==> flow/design.v <==
module alu_switch_v2 #(
  parameter int DWIDTH = 20,
  parameter int NIN = 2,
  parameter int SW = $clog2(NIN)
) (
  input logic ck,
  input logic rst_n,
  input logic [NIN*DWIDTH-1:0] ch,
  input logic [SW-1:0] sel,
  output logic [DWIDTH-1:0] z_o
);
  logic [NIN*DWIDTH-1:0] r_ch;
  always_ff @(posedge ck) begin
    if (!rst_n) begin
      r_ch <= 0;
    end else begin
      r_ch <= ch;
    end
  end
  logic [SW-1:0] r_sel;
  always_ff @(posedge ck) begin
    if (!rst_n) begin
      r_sel <= 0;
    end else begin
      r_sel <= sel;
    end
  end
  wire [DWIDTH-1:0] n_ [1:2*NIN-1];
  for (genvar ii = 0; ii < NIN; ii++) begin : g_bit
    assign n_[NIN+ii] = r_ch[ii*DWIDTH +: DWIDTH];
  end
  for (genvar ii = 1; ii < NIN; ii++) begin : slice
    assign n_[ii] = r_sel[SW - $clog2(ii+1)] ? n_[2*ii+1] : n_[2*ii];
  end
  assign z_o = n_[1];
endmodule
======== Reports on alu_switch_v2 ========
Tool output for the design above, in the order of the flow.
Lines are those of the file above, counted from 1.
A cell with - has no value.
set-up
  design top .............................. alu_switch_v2
  clock input ............................. ck
  cell library ............................ sky130hd
  library corner .......................... tt_025C_1v80

======== After elaboration ========
Yosys after proc, flatten, opt, wreduce and memory -nomap, before mapping. Enables and synchronous resets that opt folds into registers are not counted as muxes. Print and check cells are not counted. Equal cells are merged and count once.
storage and ports
  word-level cells ........................ 3
  output and inout bits ................... 20
  register bits ........................... 41
operators by class
  mux-type cells .......................... 1
operators by type and width
  kind               number
  20-bit 2-to-1 mux  1

======== Logic depth ========
Yosys ltp: most cells in a row. Word level: on the elaborated netlist, between registers, memories and ports. Mapped: between sequential cells and ports; inverters and the memories' decode and read muxes count.
logic depth
  depth in word-level cells ............... 1
  ABC_AREA ................................ 0
  gate-level depth with buffers ........... 2

======== Synthesis result ========
The flow's flattened synthesis, as Yosys stat reports it; memories are mapped. The netlist is that of the ABC_AREA named above (0 if unset); the other value can give another one.
Totals and module areas in this step are rounded.
mapped netlist
  synthesis area .......................... 0.00142 mm^2
  mapped flip-flops ....................... 41
  cells in the netlist .................... 108
cells by type
  cell                      number  area in all (um^2)
  sky130_fd_sc_hd__dfxtp_1  41      820.787
  sky130_fd_sc_hd__mux2_4   20      300.288
  sky130_fd_sc_hd__and2_1   41      256.496
  sky130_fd_sc_hd__buf_6    2       22.522
  sky130_fd_sc_hd__buf_2    4       20.019

======== Worst setup path after synthesis ========
Path of least setup slack by OpenSTA after synthesis, without wires, with an ideal clock, recovery checks aside; 20% of the period is set as input and as output delay. Where synthesis merged equal registers, the netlist keeps one of their names.
path after synthesis
  path kind ............................... register -> output
  start point ............................. register r_sel
  end point ............................... output port z_o[0]
  setup slack ............................. 0.206 ns
  stages .................................. 3
  buffers on the path ..................... 1
  period .................................. 1.29 ns
  path delay .............................. 0.826 ns
  arrival ................................. 0.826 ns
  output delay ............................ 0.258 ns
  data required time ...................... 1.032 ns
  period reached after synthesis .......... 1.084 ns
"path delay" = arrival - input delay + setup time.
A path that ends at an output port has no setup time.
"stages": output pins that drive a net of the path, with the launching flip-flop's if there is one; two outputs of one cell count as two.
"period reached after synthesis" = period - worst setup slack (recovery checks aside). The figure is calculated, with input and output delays left at 20% of the set period.
The rows between start and end are the longest chain of elaborated cells between them; the timing report does not say that the signal goes this way. Where chains are equally long, one stands for them.
Each line given opens the expression or statement behind the cell; cells for indexed reads and writes are added by Yosys, which also makes memories of some case tables.
between the ends, after synthesis
  cells stage by stage .................... sky130_fd_sc_hd__dfxtp_1 > sky130_fd_sc_hd__buf_6 > sky130_fd_sc_hd__mux2_4
  cells in the longest elaborated chain ... 1
RTL lines, path after synthesis
  element             line  source
  start: declaration  20    logic [SW-1:0] r_sel;
  start: assignment   23    r_sel <= 0;
  start: assignment   25    r_sel <= sel;
  20-bit 2-to-1 mux   33    assign n_[ii] = r_sel[SW - $clog2(ii+1)] ? n_[2*ii+1] : n_[2*ii];
  end: declaration    10    output logic [DWIDTH-1:0] z_o

======== Path in the finished layout ========
Path of least setup slack in the final report of run 1 (OpenROAD, finished layout, wires in). Where an end is a register, its clock arrival counts in the times.
path after layout
  path kind ............................... register -> output
  start point ............................. register r_sel
  end point ............................... output port z_o[3]
  data required time ...................... 1.03 ns
  arrival ................................. 1.32 ns
  period .................................. 1.29 ns
  stages .................................. 4
  output delay ............................ 0.26 ns
  buffers on the path ..................... 2
  setup slack ............................. -0.29 ns
The rows between start and end are the longest chain of elaborated cells between them; the timing report does not say that the signal goes this way. Where chains are equally long, one stands for them.
between the ends, after layout
  cells stage by stage .................... sky130_fd_sc_hd__dfxtp_4 > sky130_fd_sc_hd__buf_6 > sky130_fd_sc_hd__mux2_4 > sky130_fd_sc_hd__buf_6
  cells in the longest elaborated chain ... 1
RTL lines, path after layout
  element             line  source
  start: declaration  20    logic [SW-1:0] r_sel;
  start: assignment   23    r_sel <= 0;
  start: assignment   25    r_sel <= sel;
  20-bit 2-to-1 mux   33    assign n_[ii] = r_sel[SW - $clog2(ii+1)] ? n_[2*ii+1] : n_[2*ii];
  end: declaration    10    output logic [DWIDTH-1:0] z_o

Subject: flow runs of alu_switch_v2

Hi,

Measured results for alu_switch_v2: 3 stored runs of the Yosys and OpenROAD flow on sky130hd. The settings differ; the order carries no meaning. The constraints put input and output delay at 20% of the set period each and load the outputs with 0.01 pF.
"period reached" is the run's clock period less its worst setup slack. It is reckoned from that one timing run; input and output delays stay at 20% of the period that was set.
"time of the worst setup path": the worst setup path's part of the clock period (all of it between registers, 20% less for each end at a port) less its slack. A launch clock that arrives late makes it longer, a capture clock that arrives late makes it shorter.
Values from the reports are rounded here.

---- run 1 ----
settings
  period_ns = 1.29
  CAP_MARGIN = 20
  CORE_MARGIN = 2
  CORE_UTILIZATION = 40
  SLEW_MARGIN = 20
results
  standard-cell area after routing ........ 0.00222 mm^2
  die outline area ........................ 0.00404 mm^2
  final setup TNS ......................... -5.55 ns
  area of the synthesized netlist ......... 0.00142 mm^2
  period reached .......................... 1.578 ns
  worst setup slack after layout .......... -0.288 ns
  time of the worst setup path ............ 1.32 ns
  critical path type ...................... register -> output

---- run 2 ----
settings
  period_ns = 1.17
  CORE_UTILIZATION = 23
  SETUP_SLACK_MARGIN = 0.07
  PLACE_DENSITY_LB_ADDON = 0.02
  TNS_END_PERCENT = 65
  ABC_AREA = 1
  GPL_TIMING_DRIVEN = 0
  CAP_MARGIN = 30
  SLEW_MARGIN = 35
  MAX_ROUTING_LAYER = met4
  CORE_MARGIN = 2
results
  standard-cell area after routing ........ 0.0023 mm^2
  die outline area ........................ 0.00694 mm^2
  final setup TNS ......................... -3.15 ns
  area of the synthesized netlist ......... 0.00145 mm^2
  period reached .......................... 1.349 ns
  worst setup slack after layout .......... -0.179 ns
  time of the worst setup path ............ 1.11 ns
  critical path type ...................... register -> output

---- run 3 ----
settings
  period_ns = 1.95
  CORE_UTILIZATION = 65
  SETUP_SLACK_MARGIN = 0.18
  PLACE_DENSITY = 0.9
  CORE_ASPECT_RATIO = 0.83
  CORE_MARGIN = 6
  CELL_PAD_IN_SITES_GLOBAL_PLACEMENT = 1
  TNS_END_PERCENT = 30
  ABC_AREA = 1
  CAP_MARGIN = 20
  SLEW_MARGIN = 20
results
  did not finish, placement stopped with GPL-0301

Regards
